==> flow/design.v <==
module my_mul_unit_stage (clock, RSTN, op_a_in, op_b_in, prod_out);
  parameter DATA_W = 5;
  input clock;
  input RSTN;
  input [DATA_W-1:0] op_a_in;
  input [DATA_W-1:0] op_b_in;
  output [2*DATA_W-1:0] prod_out;
  reg [DATA_W-1:0] r_op_a;
  reg [DATA_W-1:0] r_op_b;
  reg [2*DATA_W-1:0] r;
  integer idx;
  always @* begin
    r = 0;
    for (idx = 0; idx < DATA_W; idx = idx + 1)
      if (r_op_b[idx]) r = r + (r_op_a << idx);
  end
  assign prod_out = r;
  always @(posedge clock or negedge RSTN) begin
    if (!RSTN) begin
      r_op_a <= 0;
      r_op_b <= 0;
    end else begin
      r_op_a <= op_a_in;
      r_op_b <= op_b_in;
    end
  end
endmodule
Tool chain data of my_mul_unit_stage
Tool output for the design above, in the order of the flow.
Line numbers count from 1 in the design file above.
Operators carry their Yosys type and port widths (W data, S select, Z words).
Cell names lack the library's common part.
{ "setup": {"top_module": "my_mul_unit_stage", "clk_port": "clock", "library": "sky130hd", "lib_corner": "tt_025C_1v80"} }

Elaborated design
Source: Yosys, flattened and elaborated, memories not mapped. Widths are those after wreduce; folded enables and synchronous resets count as part of the registers. Registers that Yosys merges into a memory's read port (data or address) are not register bits. Print and check cells do not count. Equal cells are merged and count once.
{ "word_totals": {"regBits": 10, "inputBits": 12, "out_inout_bits": 10, "word_cells": 11} }
{ "classes": {"n_addsub": 4, "mux": 5} }
{ "ops": {"columns": ["operator", "count"], "rows": [
  ["$mux W10", 4],
  ["$add A10 B6 Y10", 1],
  ["$add A10 B7 Y10", 1],
  ["$add A10 B8 Y10", 1],
  ["$add A10 B9 Y10", 1],
  ["$mux W5", 1]
]} }

Depth
Longest topological path by Yosys (ltp), each cell counted once; first at word level (registers and memories cut), then after technology mapping (sequential cells cut; the memories' decode and read muxes count).
{ "depth": {"depth_word": 9, "abc_area": 0, "ltp_mapped": 22, "ltp_nobuf": 22} }

After synthesis
Source: synth_stat.txt of the flow (Yosys; design flattened, memories mapped). It holds for the ABC_AREA given above (unset counts as 0); a run with the other value may have another netlist.
Totals and module areas in this step are rounded.
{ "types": {"columns": ["type", "count", "area_total_um2"], "rows": [
  ["dfrtp_1", 10, 250.24],
  ["ha_1", 20, 250.24],
  ["fa_1", 4, 80.077],
  ["mux2_2", 6, 67.565],
  ["xnor2_1", 7, 61.309],
  ["a21o_1", 8, 60.058],
  ["a21oi_1", 10, 50.048],
  ["nand2_1", 10, 37.536],
  ["xor2_1", 4, 35.034],
  ["and2_1", 4, 25.024],
  ["nand2b_1", 4, 25.024],
  ["o21a_1", 3, 22.522],
  ["nand3_1", 4, 20.019],
  ["inv_1", 5, 18.768],
  ["a32oi_2", 1, 16.266],
  ["a311oi_2", 1, 15.014],
  ["clkbuf_1", 4, 15.014],
  ["nor2_1", 4, 15.014]
]} }
Other cell types: 20; their cells: 23.
{ "mapped": {"stdcells": 132, "yosys_area_mm2": 0.001241, "seqArea_mm2": 0.0002502, "ff_cells": 10, "buf_cells": 4} }

Timing after synthesis
Source: OpenSTA report_checks on the synthesized netlist (no wires, ideal clock, input and output delay 20% of the period each), path of least setup slack; recovery checks are left aside. Register names are those of the netlist, which keeps one name where synthesis merged equal registers.
{ "synth_path": {"path_kind": "flip-flop to output port", "startpoint": "register r_op_a[1]", "endpoint": "output port prod_out[8]", "clock_period_ns": 7.44, "output_delay_ns": 1.488, "launch_ns": 0.000, "arrival_time_ns": 4.759, "required_ns": 5.952, "path_slack_ns": 1.193, "delay_ns": 4.759, "path_stages": 23, "n_path_buf": 0, "period_less_setup_slack_ns": 6.247} }
"delay_ns" is the arrival time less input delay plus setup time.
At an output port there is no setup time.
"path_stages" counts driving pins, that of a launching flip-flop among them; a cell with two outputs on the path counts twice.
"period_less_setup_slack_ns" = period - worst setup slack (recovery checks aside). The figure is calculated, with input and output delays left at 20% of the set period.
Between the ends stands the longest chain of elaborated cells between them, by number of cells; it is not shown to be the way that was timed. Of several equally long chains one is given.
Each line given opens the expression or statement behind the cell; cells for indexed reads and writes are added by Yosys, which also makes memories of some case tables.
{ "synth_between": {"cell_sequence": "dfrtp_1 -> and2_1 -> ha_1 -> inv_1 -> fa_1 -> nand2b_1 -> nand3_1 -> xnor2_1 -> inv_1 -> fa_1 -> xor2_1 -> nand2_1 -> o21a_1 -> fa_1 -> a21o_1 -> a211oi_1 -> nor2_1 -> ha_1 -> fa_1 -> a21o_1 -> a21oi_1 -> xnor2_1 -> mux2_2", "elab_chain_len": 9, "cone_cells": 9, "cone_lines": 1, "cone_classes": "4 x add/sub; 5 x mux"} }
{ "synth_lines": {"columns": ["item", "line_no", "text"], "rows": [
  ["from (decl)", 8, "reg [DATA_W-1:0] r_op_a;"],
  ["from (assign)", 20, "r_op_a <= 0;"],
  ["from (assign)", 23, "r_op_a <= op_a_in;"],
  ["$mux W5", 15, "if (r_op_b[idx]) r = r + (r_op_a << idx);"],
  ["$add A10 B6 Y10", 15, null],
  ["$mux W10", 15, null],
  ["$add A10 B7 Y10", 15, null],
  ["$mux W10", 15, null],
  ["$add A10 B8 Y10", 15, null],
  ["$mux W10", 15, null],
  ["$add A10 B9 Y10", 15, null],
  ["$mux W10", 15, null],
  ["to (decl)", 7, "output [2*DATA_W-1:0] prod_out;"]
]} }

Path in the finished layout
Path of least setup slack in the final report of flow run B (OpenROAD, finished layout, wires in). Where an end is a register, its clock arrival counts in the times.
{ "layout_path": {"path_kind": "flip-flop to output port", "startpoint": "register r_op_b[0]", "endpoint": "output port prod_out[8]", "clock_period_ns": 7.44, "output_delay_ns": 1.49, "launch_ns": 0.24, "arrival_time_ns": 5.67, "required_ns": 5.95, "path_slack_ns": 0.28, "path_stages": 25, "n_path_buf": 2} }
Between the ends stands the longest chain of elaborated cells between them, by number of cells; it is not shown to be the way that was timed. Of several equally long chains one is given.
{ "layout_between": {"cell_sequence": "dfrtp_1 -> buf_4 -> nand2_2 -> inv_1 -> ha_1 -> a21o_1 -> maj3_1 -> xor2_2 -> a21o_1 -> ha_1 -> and3_1 -> or3_1 -> nand3_1 -> nand3_1 -> ha_1 -> a21oi_2 -> nand2_1 -> xor2_1 -> mux2_2 -> ha_1 -> a21o_1 -> a21oi_1 -> xnor2_1 -> mux2_2 -> clkdlybuf4s50_1", "elab_chain_len": 9, "cone_cells": 9, "cone_lines": 1, "cone_classes": "4 x add/sub; 5 x mux"} }
{ "layout_lines": {"columns": ["item", "line_no", "text"], "rows": [
  ["from (decl)", 9, "reg [DATA_W-1:0] r_op_b;"],
  ["from (assign)", 21, "r_op_b <= 0;"],
  ["from (assign)", 24, "r_op_b <= op_b_in;"],
  ["$mux W5", 15, "if (r_op_b[idx]) r = r + (r_op_a << idx);"],
  ["$add A10 B6 Y10", 15, null],
  ["$mux W10", 15, null],
  ["$add A10 B7 Y10", 15, null],
  ["$mux W10", 15, null],
  ["$add A10 B8 Y10", 15, null],
  ["$mux W10", 15, null],
  ["$add A10 B9 Y10", 15, null],
  ["$mux W10", 15, null],
  ["to (decl)", 7, "output [2*DATA_W-1:0] prod_out;"]
]} }

--- measured runs ---
Settings and measured results of 3 stored flow runs for module my_mul_unit_stage (sky130hd), not sorted in any way. The constraints put input and output delay at 20% of the set period each and load the outputs with 0.01 pF.
"period reached" = clock period - worst setup slack. The figure is calculated, with input and output delays left at 20% of the set period.
The results are shown rounded.

==> flow run A: settings <==
{ "period_ns": 8.05, "CORE_UTILIZATION": 67, "SETUP_SLACK_MARGIN": 1.91, "PLACE_DENSITY_LB_ADDON": 0.27, "TNS_END_PERCENT": 70, "GPL_TIMING_DRIVEN": 0, "CTS_CLUSTER_SIZE": 92, "MIN_ROUTING_LAYER": "met2", "MAX_ROUTING_LAYER": "met4", "CAP_MARGIN": 20, "CORE_MARGIN": 2, "SLEW_MARGIN": 20 }
==> flow run A: results <==
not finished: clock tree synthesis ended with error DPL-0038

==> flow run B: settings <==
{ "period_ns": 7.44, "CAP_MARGIN": 20, "CORE_MARGIN": 2, "CORE_UTILIZATION": 40, "SLEW_MARGIN": 20 }
==> flow run B: results <==
area of the die: 0.003565 mm²
area of the standard cells in the finished layout: 0.001574 mm²
utilization after routing: 52.4 %
mapped cell area after synthesis: 0.001241 mm²
worst slack on setup checks: 0.278 ns
period reached: 7.162 ns

==> flow run C: settings <==
{ "period_ns": 5.52, "CORE_UTILIZATION": 50, "SETUP_SLACK_MARGIN": 1.22, "PLACE_DENSITY": 0.95, "CORE_MARGIN": 9, "CELL_PAD_IN_SITES_GLOBAL_PLACEMENT": 1, "TNS_END_PERCENT": 25, "GPL_TIMING_DRIVEN": 0, "GPL_ROUTABILITY_DRIVEN": 1, "CTS_CLUSTER_SIZE": 92, "SLEW_MARGIN": 30, "CAP_MARGIN": 20 }
==> flow run C: results <==
area of the die: 0.0046 mm²
area of the standard cells in the finished layout: 0.001843 mm²
utilization after routing: 81.0 %
mapped cell area after synthesis: 0.001241 mm²
worst slack on setup checks: -0.576 ns
period reached: 6.096 ns
--- end ---
